==> flow/design.v <==
module times_top #(
    parameter WIDTH = 18
) (
    input  wire clk_i,
    input  wire [WIDTH-1:0] dataa,
    input  wire [WIDTH-1:0] datab,
    output wire [2*WIDTH-1:0] result
);
    reg [WIDTH-1:0] dataa_ff;
    always @(posedge clk_i)
        dataa_ff <= dataa;
    reg [WIDTH-1:0] datab_ff;
    always @(posedge clk_i)
        datab_ff <= datab;
    reg [2*WIDTH-1:0] result_ff;
    always @(posedge clk_i)
        result_ff <= dataa_ff * datab_ff;
    assign result = result_ff;
endmodule
## From RTL to reports: times_top

What the tools print for times_top, step after step.
Line numbers count from 1 in the design file above.
Cell names lack the library's common part.
The mark n/a stands for no value.

| design | value |
|---|---|
| design top | times_top |
| clock input | clk_i |
| standard-cell library | sky130hd |
| corner | tt_025C_1v80 |

## After elaboration

Source: Yosys, flattened and elaborated, memories not mapped. Widths are those after wreduce; folded enables and synchronous resets count as part of the registers. Registers that Yosys merges into a memory's read port (data or address) are not register bits. Print and check cells do not count. Equal cells are merged and count once.

| bit counts | value |
|---|---|
| output and inout bits | 36 |
| word-level cells | 4 |
| input bits | 37 |
| register bits after elaboration | 72 |

| operators by class | value |
|---|---|
| $mul | 1 |

Operator list:

| kind | number |
|---|---|
| multiplier 18 x 18 -> 36 bit | 1 |

## Longest topological paths

Depth = most cells in a row (Yosys ltp): at word level without a register or memory, in the mapped netlist without a sequential cell, where the memories' decode and read muxes count.

| depth | value |
|---|---|
| depth after elaboration | 1 |
| ABC_AREA | 1 |
| gate-level depth with buffers | 27 |
| gate-level depth less buffers | 25 |

## Synthesis result

Yosys stat after the flow's synthesis: flattened, memories mapped to cells. It holds for the ABC_AREA given above (unset counts as 0); a run with the other value may have another netlist.

| mapped netlist | value |
|---|---|
| flip-flops | 72 |
| standard cells after synthesis | 1,746 |
| sequential area | 1,441.4 um2 |
| chip area (Yosys) | 13,125.1 um2 |
| buffers | 72 |

Cell types:

| type | number | area in all (um2) |
|---|---|---|
| fa_1 | 256 | 5.12E+03 |
| inv_1 | 575 | 2,158.32 |
| nand2_1 | 529 | 1.99E+03 |
| dfxtp_1 | 72 | 1.44E+03 |
| ha_1 | 110 | 1,376.32 |
| clkbuf_1 | 66 | 247.738 |
| nor2_1 | 34 | 127.622 |
| nand3_1 | 25 | 125.12 |
| xor2_1 | 14 | 122.618 |
| a21oi_1 | 21 | 105.101 |
| nand2_2 | 11 | 68.816 |
| nand3_2 | 5 | 50.048 |
| nand4_1 | 5 | 31.28 |
| xnor2_1 | 3 | 26.275 |
| nor2_2 | 4 | 25.024 |
| buf_1 | 6 | 22.522 |
| nor2_4 | 2 | 22.522 |
| o21bai_1 | 2 | 15.014 |

Other cell types: 5; their cells: 6.

## Timing after synthesis

Source: OpenSTA report_checks on the synthesized netlist (no wires, ideal clock, input and output delay 20% of the period each), path of least setup slack; recovery checks are left aside. Register names are those of the netlist, which keeps one name where synthesis merged equal registers.

| timing path post-synthesis | value |
|---|---|
| kind | register -> register |
| from | register datab_ff[9] |
| to | register result_ff[33] |
| launch time at the first pin | 0.000 ns |
| path buffers | 2 |
| arrival | 5.115 ns |
| stages | 24 |
| data required time | 7.068 ns |
| library setup time | 0.112 ns |
| delay of the path | 5.227 ns |
| clock period | 7.18 ns |
| path slack | 1.952 ns |
| synthesis period reached | 5.228 ns |

"delay of the path" is the arrival time less input delay plus setup time.
"stages" counts driving pins, that of a launching flip-flop among them; a cell with two outputs on the path counts twice.
"synthesis period reached" = period - worst setup slack (recovery checks aside). The figure is calculated, with input and output delays left at 20% of the set period.
Between the ends stands the longest chain of elaborated cells between them, by number of cells; it is not shown to be the way that was timed. Of several equally long chains one is given.
Each line given opens the expression or statement behind the cell; cells for indexed reads and writes are added by Yosys, which also makes memories of some case tables.

| between the ends, post-synthesis | value |
|---|---|
| cell sequence | dfxtp_1 -> clkbuf_1 -> clkbuf_1 -> nand2_1 -> fa_1 -> inv_1 -> fa_1 -> inv_1 -> fa_1 -> inv_1 -> fa_1 -> fa_1 -> inv_1 -> fa_1 -> inv_1 -> ha_1 -> nand2_2 -> inv_1 -> a21oi_1 -> nand3_2 -> nand2_1 -> nand2_1 -> nand2_1 -> nand2_1 |
| length of the longest elaborated chain | 1 |
| elaborated cells between the ends (all ways) | 1 |
| source lines of those cells | 1 |
| classes of those cells | 1 x mul |

RTL lines, path post-synthesis:

| item | line | RTL |
|---|---|---|
| from (decl) | 12 | `reg [WIDTH-1:0] datab_ff;` |
| from (assign) | 14 | `datab_ff <= datab;` |
| multiplier 18 x 18 -> 36 bit | 17 | `result_ff <= dataa_ff * datab_ff;` |
| to (assign) | 17 |  |
| to (decl) | 15 | `reg [2*WIDTH-1:0] result_ff;` |

## Path in the finished layout

Path of least setup slack in the final report of job 1 (OpenROAD, finished layout, wires in). Where an end is a register, its clock arrival counts in the times.

| timing path after layout | value |
|---|---|
| kind | register -> register |
| from | register datab_ff[10] |
| to | register result_ff[33] |
| data required time | 7.60 ns |
| library setup time | 0.10 ns |
| launch time at the first pin | 0.37 ns |
| clock period | 7.33 ns |
| path slack | 1.42 ns |
| stages | 22 |
| arrival | 6.17 ns |
| path buffers | 0 |

Between the ends stands the longest chain of elaborated cells between them, by number of cells; it is not shown to be the way that was timed. Of several equally long chains one is given.

| between the ends, after layout | value |
|---|---|
| cell sequence | dfxtp_1 -> nand2_1 -> fa_1 -> inv_1 -> fa_1 -> inv_1 -> fa_1 -> inv_1 -> fa_1 -> fa_1 -> inv_1 -> fa_1 -> inv_1 -> ha_1 -> nand2_2 -> inv_1 -> a21oi_1 -> nand3_2 -> nand2_1 -> nand2_1 -> nand2_1 -> nand2_1 |
| length of the longest elaborated chain | 1 |
| elaborated cells between the ends (all ways) | 1 |
| source lines of those cells | 1 |
| classes of those cells | 1 x mul |

RTL lines, path after layout:

| item | line | RTL |
|---|---|---|
| from (decl) | 12 | `reg [WIDTH-1:0] datab_ff;` |
| from (assign) | 14 | `datab_ff <= datab;` |
| multiplier 18 x 18 -> 36 bit | 17 | `result_ff <= dataa_ff * datab_ff;` |
| to (assign) | 17 |  |
| to (decl) | 15 | `reg [2*WIDTH-1:0] result_ff;` |

# Flow runs of times_top

3 stored runs of times_top in the flow (synthesis by Yosys, layout by OpenROAD, sky130hd cells), in arbitrary order. Constraints: input delay and output delay 20% of the set period each, output load 0.01 pF.
"achieved clock period" = clock period - worst setup slack. The figure is calculated, with input and output delays left at 20% of the set period.
"worst setup path time" means the part of the period allowed to the worst setup path (the constraints hold back 20% at inputs and 20% at outputs) less its slack; where the path has registers, the arrival times of their clocks count too.
Among the settings, -- means not set for that run.
Among the results, -- means that no value is shown for the run.

| item | job 1 | job 2 | job 3 |
|---|---|---|---|
| period_ns | 7.33 | 6.92 | 7.18 |
| CORE_UTILIZATION | 53 | 70 | 40 |
| PLACE_DENSITY_LB_ADDON | 0.17 | 0.13 | -- |
| CORE_ASPECT_RATIO | 1.41 | 1.54 | -- |
| CORE_MARGIN | 8 | 2 | 2 |
| CELL_PAD_IN_SITES_GLOBAL_PLACEMENT | 1 | -- | -- |
| CELL_PAD_IN_SITES_DETAIL_PLACEMENT | 1 | 2 | -- |
| TNS_END_PERCENT | 15 | -- | -- |
| ABC_AREA | 1 | -- | -- |
| CTS_CLUSTER_DIAMETER | 101 | -- | -- |
| SLEW_MARGIN | 30 | 20 | 20 |
| MIN_ROUTING_LAYER | met1 | met2 | -- |
| CAP_MARGIN | 20 | 20 | 20 |
| GPL_ROUTABILITY_DRIVEN | -- | 0 | -- |
| CTS_CLUSTER_SIZE | -- | 60 | -- |
| post-synthesis cell area (um2) | 13,125.1 | -- | 12,194.2 |
| area inside the die boundary (um2) | 30,129.8 | -- | 31,898.0 |
| standard-cell area of the final layout (um2) | 14,311.2 | -- | 13,510.5 |
| utilization (%) | 58.6 | -- | 45.3 |
| worst setup slack after layout (ns) | 1.421 | -- | 0.969 |
| sum of negative setup slack (ns) | 0.000 | -- | 0.000 |
| worst hold slack in the final report (ns) | 0.704 | -- | 0.826 |
| achieved clock period (ns) | 5.909 | -- | 6.211 |
| worst setup path time (ns) | 5.91 | -- | 6.21 |
| class of the worst setup path | register -> register | -- | register -> register |

Job 2: unfinished; error DPL-0033 in placement
